==> flow/design.v <==
module my_summer_rtl #(
   parameter integer BITS = 18
) (
   input logic clock,
   input logic srst,
   input logic [BITS-1:0] in_dataa,
   input logic [BITS-1:0] in_datab,
   input logic in_carry_in,
   output logic [BITS-1:0] out_s,
   output logic out_ovf
);
   logic [BITS-1:0] dataa_reg;
   logic [BITS-1:0] datab_reg;
   logic carry_in_reg;
   logic [BITS-1:0] tmp;
   logic [BITS:0] c;
   assign c[0] = carry_in_reg;
   for (genvar gi = 0; gi < BITS; gi++) begin : row
      assign tmp[gi] = dataa_reg[gi] ^ datab_reg[gi] ^ c[gi];
      assign c[gi+1] = (dataa_reg[gi] & datab_reg[gi]) | (c[gi] & (dataa_reg[gi] ^ datab_reg[gi]));
   end
   assign out_s = tmp;
   assign out_ovf = c[BITS];
   always_ff @(posedge clock or posedge srst) begin
      if (srst) begin
         dataa_reg <= 0;
         datab_reg <= 0;
         carry_in_reg <= 1'b0;
      end else begin
         dataa_reg <= in_dataa;
         datab_reg <= in_datab;
         carry_in_reg <= in_carry_in;
      end
   end
endmodule
### Reports on my_summer_rtl

A sweep over "BITS": the same steps for each member of the family.
The RTL above is that of BITS 18; lines are counted from 1 in the file of the member named.
Operators: Yosys type, input widths -> output width; for muxes data width and select width s.
Cell names lack the library's common part.
The mark -- stands for no value.

| design | value |
|---|---|
| top | my_summer_rtl |
| clock input | clock |
| library | sky130hd |
| library corner | tt_025C_1v80 |

### Members of the sweep

New or changed lines of each further member against the RTL above, in its own file; lines it lacks are not shown.

New or changed lines:

| BITS | RTL line | source |
|---|---|---|
| 96 | 2 | `parameter integer BITS = 96` |
| 128 | 2 | `parameter integer BITS = 128` |

### After elaboration

Counts by Yosys on the flattened word-level netlist (proc, flatten, opt, wreduce; memories kept). Register bits leave out memories and registers merged into their read ports (data or address); mux counts leave out enables and synchronous resets folded into registers. Print and check cells are left out. Cells with the same type and inputs are merged into one.

Bit counts:

| BITS | flip-flop bits (word level) | input bits | output and inout bits | elaborated cells |
|---|---|---|---|---|
| 18 | 37 | 39 | 19 | 93 |
| 96 | 193 | 195 | 97 | 483 |
| 128 | 257 | 259 | 129 | 643 |

Operators by class:

| BITS | bitwise logic cells |
|---|---|
| 18 | 90 |
| 96 | 480 |
| 128 | 640 |

Operator list:

| BITS | kind and count |
|---|---|
| 18 | $and 1x1->1 (36); $xor 1x1->1 (36); $or 1x1->1 (18) |
| 96 | $and 1x1->1 (192); $xor 1x1->1 (192); $or 1x1->1 (96) |
| 128 | $and 1x1->1 (256); $xor 1x1->1 (256); $or 1x1->1 (128) |

### Longest topological paths

Longest topological path by Yosys (ltp), each cell counted once; first at word level (registers and memories cut), then after technology mapping (sequential cells cut; the memories' decode and read muxes count).

Logic depth:

| BITS | depth after elaboration | ABC_AREA | depth in mapped cells | mapped depth without buffers |
|---|---|---|---|---|
| 18 | 37 | 0 | 22 | 22 |
| 96 | 193 | 0 | 100 | 100 |
| 128 | 257 | 0 | 132 | 132 |

### Mapped cells and area

Yosys stat after the flow's synthesis: flattened, memories mapped to cells. It holds for the ABC_AREA given above (unset counts as 0); a run with the other value may have another netlist.
The area totals of this step are shown rounded.

Cells by type:

| BITS | types with counts |
|---|---|
| 18 | dfrtp_1 (37); fa_1 (18); inv_1 (11) |
| 96 | dfrtp_1 (193); fa_1 (96); inv_1 (11) |
| 128 | dfrtp_1 (257); fa_1 (128); inv_1 (11) |

Mapped netlist:

| BITS | mapped cells | cell area after synthesis (µm²) | area of sequential cells (µm²) | flip-flop cells | buffer cells |
|---|---|---|---|---|---|
| 18 | 66 | 1300 | 930 | 37 | 0 |
| 96 | 300 | 6800 | 4800 | 193 | 0 |
| 128 | 396 | 9000 | 6400 | 257 | 0 |

### Timing after synthesis

OpenSTA on the mapped netlist: ideal clock, no wires. The path of least setup slack (recovery checks aside). Input and output delay are each 20% of the period. Register names are those of the netlist, which keeps one name where synthesis merged equal registers.

Timing post-synthesis:

| BITS | path type | from | to | clock period (ps) | path slack (ps) | driving pins on the path | path delay (ps) | synthesis period reached (ps) |
|---|---|---|---|---|---|---|---|---|
| 18 | reg-to-output | reg dataa_reg[0] | out out_s[17] | 11300 | 1801 | 23 | 7239 | 9499 |
| 96 | reg-to-output | reg dataa_reg[0] | out out_s[95] | 57600 | 9222 | 101 | 36858 | 48378 |
| 128 | reg-to-output | reg dataa_reg[0] | out out_s[127] | 76600 | 12271 | 133 | 49009 | 64329 |

"path delay" is the arrival time less input delay plus setup time.
A path that ends at an output port has no setup time.
"driving pins on the path": output pins that drive a net of the path, with the launching flip-flop's if there is one; two outputs of one cell count as two.
"synthesis period reached" = period - worst setup slack (recovery checks aside). The figure is calculated, with input and output delays left at 20% of the set period.
Between the ends stands the longest chain of elaborated cells between them, by number of cells; it is not shown to be the way that was timed. Of several equally long chains one is given.
A line is the first line of the expression or statement that the cell stems from. Yosys adds cells for indexed reads and writes and turns some case tables into memories.

| between the ends, post-synthesis, BITS 18 | value |
|---|---|
| length of the longest elaborated chain | 36 |

Ends and longest elaborated chain, post-synthesis, BITS 18:

| what | RTL line | source |
|---|---|---|
| start: declaration | 12 | `logic [BITS-1:0] dataa_reg;` |
| start: assignment | 26 | `dataa_reg <= 0;` |
| start: assignment | 30 | `dataa_reg <= in_dataa;` |
| $xor 1x1->1 | 20 | `assign c[gi+1] = (dataa_reg[gi] & datab_reg[gi]) \| (c[gi] & (dataa_reg[gi] ^ datab_reg[gi]));` |
| $and 1x1->1 | 20 |  |
| $or 1x1->1 | 20 |  |
| $and 1x1->1 | 20 |  |
| $or 1x1->1 | 20 |  |
| $and 1x1->1 | 20 |  |
| $or 1x1->1 | 20 |  |
| (+22 left out) | -- |  |
| $and 1x1->1 | 20 |  |
| $or 1x1->1 | 20 |  |
| $and 1x1->1 | 20 |  |
| $or 1x1->1 | 20 |  |
| $and 1x1->1 | 20 |  |
| $or 1x1->1 | 20 |  |
| $xor 1x1->1 | 19 | `assign tmp[gi] = dataa_reg[gi] ^ datab_reg[gi] ^ c[gi];` |
| end: declaration | 9 | `output logic [BITS-1:0] out_s,` |

| between the ends, post-synthesis, BITS 128 | value |
|---|---|
| length of the longest elaborated chain | 256 |

Ends and longest elaborated chain, post-synthesis, BITS 128:

| what | RTL line | source |
|---|---|---|
| start: declaration | 12 | `logic [BITS-1:0] dataa_reg;` |
| start: assignment | 26 | `dataa_reg <= 0;` |
| start: assignment | 30 | `dataa_reg <= in_dataa;` |
| $xor 1x1->1 | 20 | `assign c[gi+1] = (dataa_reg[gi] & datab_reg[gi]) \| (c[gi] & (dataa_reg[gi] ^ datab_reg[gi]));` |
| $and 1x1->1 | 20 |  |
| $or 1x1->1 | 20 |  |
| $and 1x1->1 | 20 |  |
| $or 1x1->1 | 20 |  |
| $and 1x1->1 | 20 |  |
| $or 1x1->1 | 20 |  |
| (+242 left out) | -- |  |
| $and 1x1->1 | 20 |  |
| $or 1x1->1 | 20 |  |
| $and 1x1->1 | 20 |  |
| $or 1x1->1 | 20 |  |
| $and 1x1->1 | 20 |  |
| $or 1x1->1 | 20 |  |
| $xor 1x1->1 | 19 | `assign tmp[gi] = dataa_reg[gi] ^ datab_reg[gi] ^ c[gi];` |
| end: declaration | 9 | `output logic [BITS-1:0] out_s,` |

### Worst path after layout

From the final timing report of each member's run: the path of least setup slack in the routed layout; clock arrival at registers is part of the times.
The path's times are printed in steps of 10 ps; the period is the one set.

Timing post-layout:

| BITS | path type | from | to | clock period (ps) | path slack (ps) | driving pins on the path | data arrival time (ps) | buffers on the path |
|---|---|---|---|---|---|---|---|---|
| 18 | reg-to-output | reg dataa_reg[0] | out out_s[17] | 11300 | 610 | 24 | 8430 | 1 |
| 96 | reg-to-output | reg dataa_reg[0] | out out_s[95] | 57600 | 6560 | 102 | 39520 | 1 |
| 128 | reg-to-output | reg dataa_reg[0] | out out_s[127] | 76600 | 8920 | 134 | 52360 | 1 |

### Measured runs

Settings and results of one run of the flow (Yosys, OpenROAD) for each member follow. The constraints put input and output delay at 20% of the set period each and load the outputs with 0.01 pF.

| flow settings | value |
|---|---|
| CAP_MARGIN | 20 |
| CORE_MARGIN | 2 |
| CORE_UTILIZATION | 40 |
| SLEW_MARGIN | 20 |

Settings by member:

| BITS | period_ns |
|---|---|
| 18 | 11.3 |
| 96 | 57.6 |
| 128 | 76.6 |

Results:

| BITS | Yosys chip area after synthesis (µm²) | die outline area (µm²) | area of the standard cells in the finished layout (µm²) | utilization after layout (%) | setup slack of the worst path (ps) | total negative slack on setup checks (ps) | overall power (µW) | achieved clock period (ps) |
|---|---|---|---|---|---|---|---|---|
| 18 | 1300 | 3800 | 2000 | 65 | 610 | 0 | 280 | 10686 |
| 96 | 6800 | 18000 | 11000 | 64 | 6600 | 0 | 340 | 51038 |
| 128 | 9000 | 24000 | 14000 | 65 | 8900 | 0 | 360 | 67676 |

"achieved clock period": clock period set for the run, less the worst setup slack. It is reckoned from that one timing run; input and output delays stay at 20% of the period that was set.
"overall power": no workload was simulated; the value follows from the tool's default switching activity.
The measured numbers are rounded.
